==> flow/design.v <==
module cpu_sum_block #(
    parameter NBITS = 128
) (
    input wire clk_i,
    input wire [NBITS-1:0] i_x,
    input wire [NBITS-1:0] i_y,
    input wire i_cin,
    output wire [NBITS-1:0] o_sum,
    output wire o_co
);
    reg [NBITS-1:0] x_q;
    reg [NBITS-1:0] y_q;
    reg cin_q;
    always @(posedge clk_i) begin
        x_q <= i_x;
        y_q <= i_y;
        cin_q <= i_cin;
    end
    localparam NG = NBITS / 4;
    wire [NBITS-1:0] val;
    wire [NG:0] chain;
    assign chain[0] = cin_q;
    genvar gi;
    generate
        for (gi = 0; gi < NG; gi = gi + 1) begin : u_g
            la4 unit (.a(x_q[4*gi +: 4]), .b(y_q[4*gi +: 4]), .ci(chain[gi]), .s(val[4*gi +: 4]), .co(chain[gi+1]));
        end
    endgenerate
    assign o_sum = val;
    assign o_co = chain[NG];
endmodule
module la4 (
    input wire [3:0] a,
    input wire [3:0] b,
    input wire ci,
    output wire [3:0] s,
    output wire co
);
    wire [3:0] g = a & b;
    wire [3:0] p = a ^ b;
    wire c1 = g[0] | (p[0] & ci);
    wire c2 = g[1] | (p[1] & g[0]) | (p[1] & p[0] & ci);
    wire c3 = g[2] | (p[2] & g[1]) | (p[2] & p[1] & g[0]) | (p[2] & p[1] & p[0] & ci);
    assign co = g[3] | (p[3] & g[2]) | (p[3] & p[2] & g[1]) | (p[3] & p[2] & p[1] & g[0]) | (&p & ci);
    assign s = p ^ {c3, c2, c1, ci};
endmodule
Step by step through the tools: cpu_sum_block
Tool output for the design above, in the order of the flow.
Line numbers count from 1 in the design file above.
Operators carry their Yosys type and port widths (W data, S select, Z words).
Cell names lack the library's common part.
Not given: --
- top module: cpu_sum_block
- clock input: clk_i
- library: sky130hd
- timing corner: tt_025C_1v80

Word level
Source: Yosys, flattened and elaborated, memories not mapped. Widths are those after wreduce; folded enables and synchronous resets count as part of the registers. Registers that Yosys merges into a memory's read port (data or address) are not register bits. Print and check cells do not count. Equal cells are merged and count once.
- bitwise operators: 896
- reductions and logical operators at 32
- operators with widths (kind ; number):
    $and A1 B1 Y1 ; 480
    $or A1 B1 Y1 ; 320
    $xor A4 B4 Y4 ; 64
    $and A4 B4 Y4 ; 32
    $reduce_and A4 Y1 ; 32
- noted register bits after elaboration: 257
- input port bits at 258
- noted output and inout port bits: 129

Logic depth
Yosys ltp: most cells in a row. Word level: on the elaborated netlist, between registers, memories and ports. Mapped: between sequential cells and ports; inverters and the memories' decode and read muxes count.
- depth after elaboration: 69
- ABC_AREA: 0
- gate-level depth with buffers: 14
- gate-level depth less buffers at 14

Mapped cells and area
The flow's flattened synthesis, as Yosys stat reports it; memories are mapped. The netlist is that of the ABC_AREA named above (0 if unset); the other value can give another one.
- cell types (cell type ; number ; area in all (sq um)):
    dfxtp_1 ; 257 ; 5.14E+03
    ha_1 ; 128 ; 1.6E+03
    fa_1 ; 32 ; 640.614
    xnor2_1 ; 45 ; 394.128
    xor2_1 ; 45 ; 394.128
    a21oi_1 ; 76 ; 380.365
    a21o_1 ; 29 ; 217.709
    nor2_1 ; 48 ; 180.173
    nand2_1 ; 44 ; 165.158
    o21ai_0 ; 32 ; 160.154
    nand4_1 ; 24 ; 150.144
    inv_1 ; 39 ; 146.39
    o21bai_1 ; 16 ; 120.115
    nor2b_1 ; 13 ; 81.328
    nor3_1 ; 15 ; 75.072
    o21a_1 ; 9 ; 67.565
    nand3_1 ; 13 ; 65.062
    and2_1 ; 9 ; 56.304
Other cell types: 51; their cells: 116.
- mapped cells: 990
- chip area (Yosys): 10966.8 sq um
- flip-flop cells: 257
- buffers: 2
By module: a second synthesis without flattening, with its own total; a netlist apart from the flattened one above.
- noted cells (unflattened synthesis): 801
- noted area (unflattened synthesis): 9869.5 sq um
Each row is one instance without its submodules.
- modules (module ; instances ; cells ; area (sq um) ; sequential area (sq um)):
    cpu_sum_block ; 1 ; 257 ; 5144.9 ; 5144.9
    la4 ; 32 ; 17 ; 147.6 ; 0.0

Path before layout
Source: OpenSTA report_checks on the synthesized netlist (no wires, ideal clock, input and output delay 20% of the period each), path of least setup slack; recovery checks are left aside. Register names are those of the netlist, which keeps one name where synthesis merged equal registers.
- path kind: register to output
- from: register y_q[0]
- to: output o_sum[125]
- clock period: 5430 ps
- noted output delay: 1086 ps
- launch time at the first pin at 0 ps
- arrival time at 3477 ps
- required time at 4344 ps
- noted slack: 867 ps
- path delay at 3477 ps
- noted stages: 14
- noted buffers on the path: 0
- period reached after synthesis: 4563 ps
"path delay" = arrival - input delay + setup time.
A path that ends at an output port has no setup time.
"stages": output pins that drive a net of the path, with the launching flip-flop's if there is one; two outputs of one cell count as two.
"period reached after synthesis" is the clock period less the worst setup slack; recovery checks do not enter. This is arithmetic on one report: input and output delays are still those of the set period (20% each).
Between the ends stands the longest chain of elaborated cells between them, by number of cells; it is not shown to be the way that was timed. Of several equally long chains one is given.
Each line given opens the expression or statement behind the cell; cells for indexed reads and writes are added by Yosys, which also makes memories of some case tables.
- cell sequence: dfxtp_1 -> ha_1 -> a211oi_2 -> nor2_1 -> a211o_4 -> o2bb2ai_2 -> or2_1 -> a31o_2 -> o311ai_0 -> o21bai_1 -> a21o_1 -> a21o_1 -> fa_1 -> xor2_1
- noted cells in the longest elaborated chain: 67
- noted elaborated cells on any way between the ends: 70
- RTL lines with such cells at 5
- RTL lines, path after synthesis (element ; RTL line ; source):
    from (decl) ; 12 ; reg [NBITS-1:0] y_q;
    from (assign) ; 16 ; y_q <= i_y;
    $and A4 B4 Y4 ; 39 ; wire [3:0] g = a & b;
    $and A1 B1 Y1 ; 44 ; assign co = g[3] | (p[3] & g[2]) | (p[3] & p[2] & g[1]) | (p[3] & p[2] & p[1] & g[0]) | (&p & ci);
    $or A1 B1 Y1 (2 in a row) ; 44 ;
    $and A1 B1 Y1 ; 44 ;
    $or A1 B1 Y1 ; 44 ;
    $and A1 B1 Y1 ; 44 ;
    $or A1 B1 Y1 ; 44 ;
    [... 52 more ...] ; -- ;
    $and A1 B1 Y1 ; 44 ;
    $or A1 B1 Y1 ; 44 ;
    $and A1 B1 Y1 ; 44 ;
    $or A1 B1 Y1 ; 44 ;
    $and A1 B1 Y1 ; 41 ; wire c1 = g[0] | (p[0] & ci);
    $or A1 B1 Y1 ; 41 ;
    $xor A4 B4 Y4 ; 45 ; assign s = p ^ {c3, c2, c1, ci};
    to (decl) ; 8 ; output wire [NBITS-1:0] o_sum,

Worst path after layout
From the final timing report of job 1: the path of least setup slack in the routed layout; clock arrival at registers is part of the times.
The path's times are printed in steps of 10 ps; the period is the one set.
- path kind: register to output
- from: register y_q[0]
- to: output o_sum[113]
- clock period: 2720 ps
- noted output delay: 540 ps
- launch time at the first pin at 540 ps
- arrival time at 3900 ps
- required time at 2180 ps
- noted slack: -1730 ps
- noted stages: 14
- noted buffers on the path: 1
Between the ends stands the longest chain of elaborated cells between them, by number of cells; it is not shown to be the way that was timed. Of several equally long chains one is given.
- cell sequence: dfxtp_2 -> ha_4 -> a211oi_2 -> nor2_2 -> a211o_4 -> o2bb2ai_4 -> or2_4 -> a31o_4 -> or4_4 -> a21oi_4 -> o21bai_2 -> fa_2 -> xor2_2 -> buf_2
- noted cells in the longest elaborated chain: 61
- noted elaborated cells on any way between the ends: 64
- RTL lines with such cells at 5
- RTL lines, path post-layout (element ; RTL line ; source):
    from (decl) ; 12 ; reg [NBITS-1:0] y_q;
    from (assign) ; 16 ; y_q <= i_y;
    $and A4 B4 Y4 ; 39 ; wire [3:0] g = a & b;
    $and A1 B1 Y1 ; 44 ; assign co = g[3] | (p[3] & g[2]) | (p[3] & p[2] & g[1]) | (p[3] & p[2] & p[1] & g[0]) | (&p & ci);
    $or A1 B1 Y1 (2 in a row) ; 44 ;
    $and A1 B1 Y1 ; 44 ;
    $or A1 B1 Y1 ; 44 ;
    $and A1 B1 Y1 ; 44 ;
    $or A1 B1 Y1 ; 44 ;
    [... 46 more ...] ; -- ;
    $and A1 B1 Y1 ; 44 ;
    $or A1 B1 Y1 ; 44 ;
    $and A1 B1 Y1 ; 44 ;
    $or A1 B1 Y1 ; 44 ;
    $and A1 B1 Y1 ; 41 ; wire c1 = g[0] | (p[0] & ci);
    $or A1 B1 Y1 ; 41 ;
    $xor A4 B4 Y4 ; 45 ; assign s = p ^ {c3, c2, c1, ci};
    to (decl) ; 8 ; output wire [NBITS-1:0] o_sum,

Top module cpu_sum_block; platform sky130hd; tools Yosys and OpenROAD; 3 stored runs in no particular order. Input and output delays are each 20% of the period that was set; the output load is 0.01 pF.
"period achieved": clock period set for the run, less the worst setup slack. It is reckoned from that one timing run; input and output delays stay at 20% of the period that was set.
"critical setup path time" = time allowed to the worst setup path (clock period - input delay - output delay, where it has them) - its slack; a late launch clock adds to it, a late capture clock takes from it.
"total design power": no workload was simulated; the value follows from the tool's default switching activity.
"critical setup path time" is known to 10 ps.

Job 1
Settings were period_ns = 2.72; CORE_UTILIZATION = 37; SETUP_SLACK_MARGIN = 0.02; PLACE_DENSITY_LB_ADDON = 0.16; CELL_PAD_IN_SITES_GLOBAL_PLACEMENT = 3; CELL_PAD_IN_SITES_DETAIL_PLACEMENT = 0; MIN_ROUTING_LAYER = met1; MAX_ROUTING_LAYER = met4; CAP_MARGIN = 20; CORE_MARGIN = 2; SLEW_MARGIN = 20
- utilization after layout: 69.1 %
- noted the synthesis area: 10966.8 sq um
- standard-cell area after layout: 20303.2 sq um
- full die area at 31032.3 sq um
- worst hold slack at 432 ps
- total design power: 11692 uW
- noted the total negative setup slack: -161068 ps
- critical setup path time: 3900 ps
- critical path kind: register to output
- worst slack on setup checks at -1727 ps
- period achieved at 4447 ps

Job 2
Settings were period_ns = 5.43; CAP_MARGIN = 20; CORE_MARGIN = 2; CORE_UTILIZATION = 40; SLEW_MARGIN = 20
- utilization after layout: 62.3 %
- noted the synthesis area: 10966.8 sq um
- standard-cell area after layout: 16796.1 sq um
- full die area at 28757.4 sq um
- worst hold slack at 970 ps
- total design power: 5600 uW
- noted the total negative setup slack: 0 ps
- critical setup path time: 4320 ps
- critical path kind: register to output
- worst slack on setup checks at 25 ps
- period achieved at 5405 ps

Job 3
Settings were period_ns = 3.91; CORE_UTILIZATION = 46; CORE_ASPECT_RATIO = 1.24; CELL_PAD_IN_SITES_GLOBAL_PLACEMENT = 3; ABC_AREA = 1; CTS_CLUSTER_DIAMETER = 295; CAP_MARGIN = 20; CORE_MARGIN = 2; SLEW_MARGIN = 20
- no results, placement failed with GPL-0301
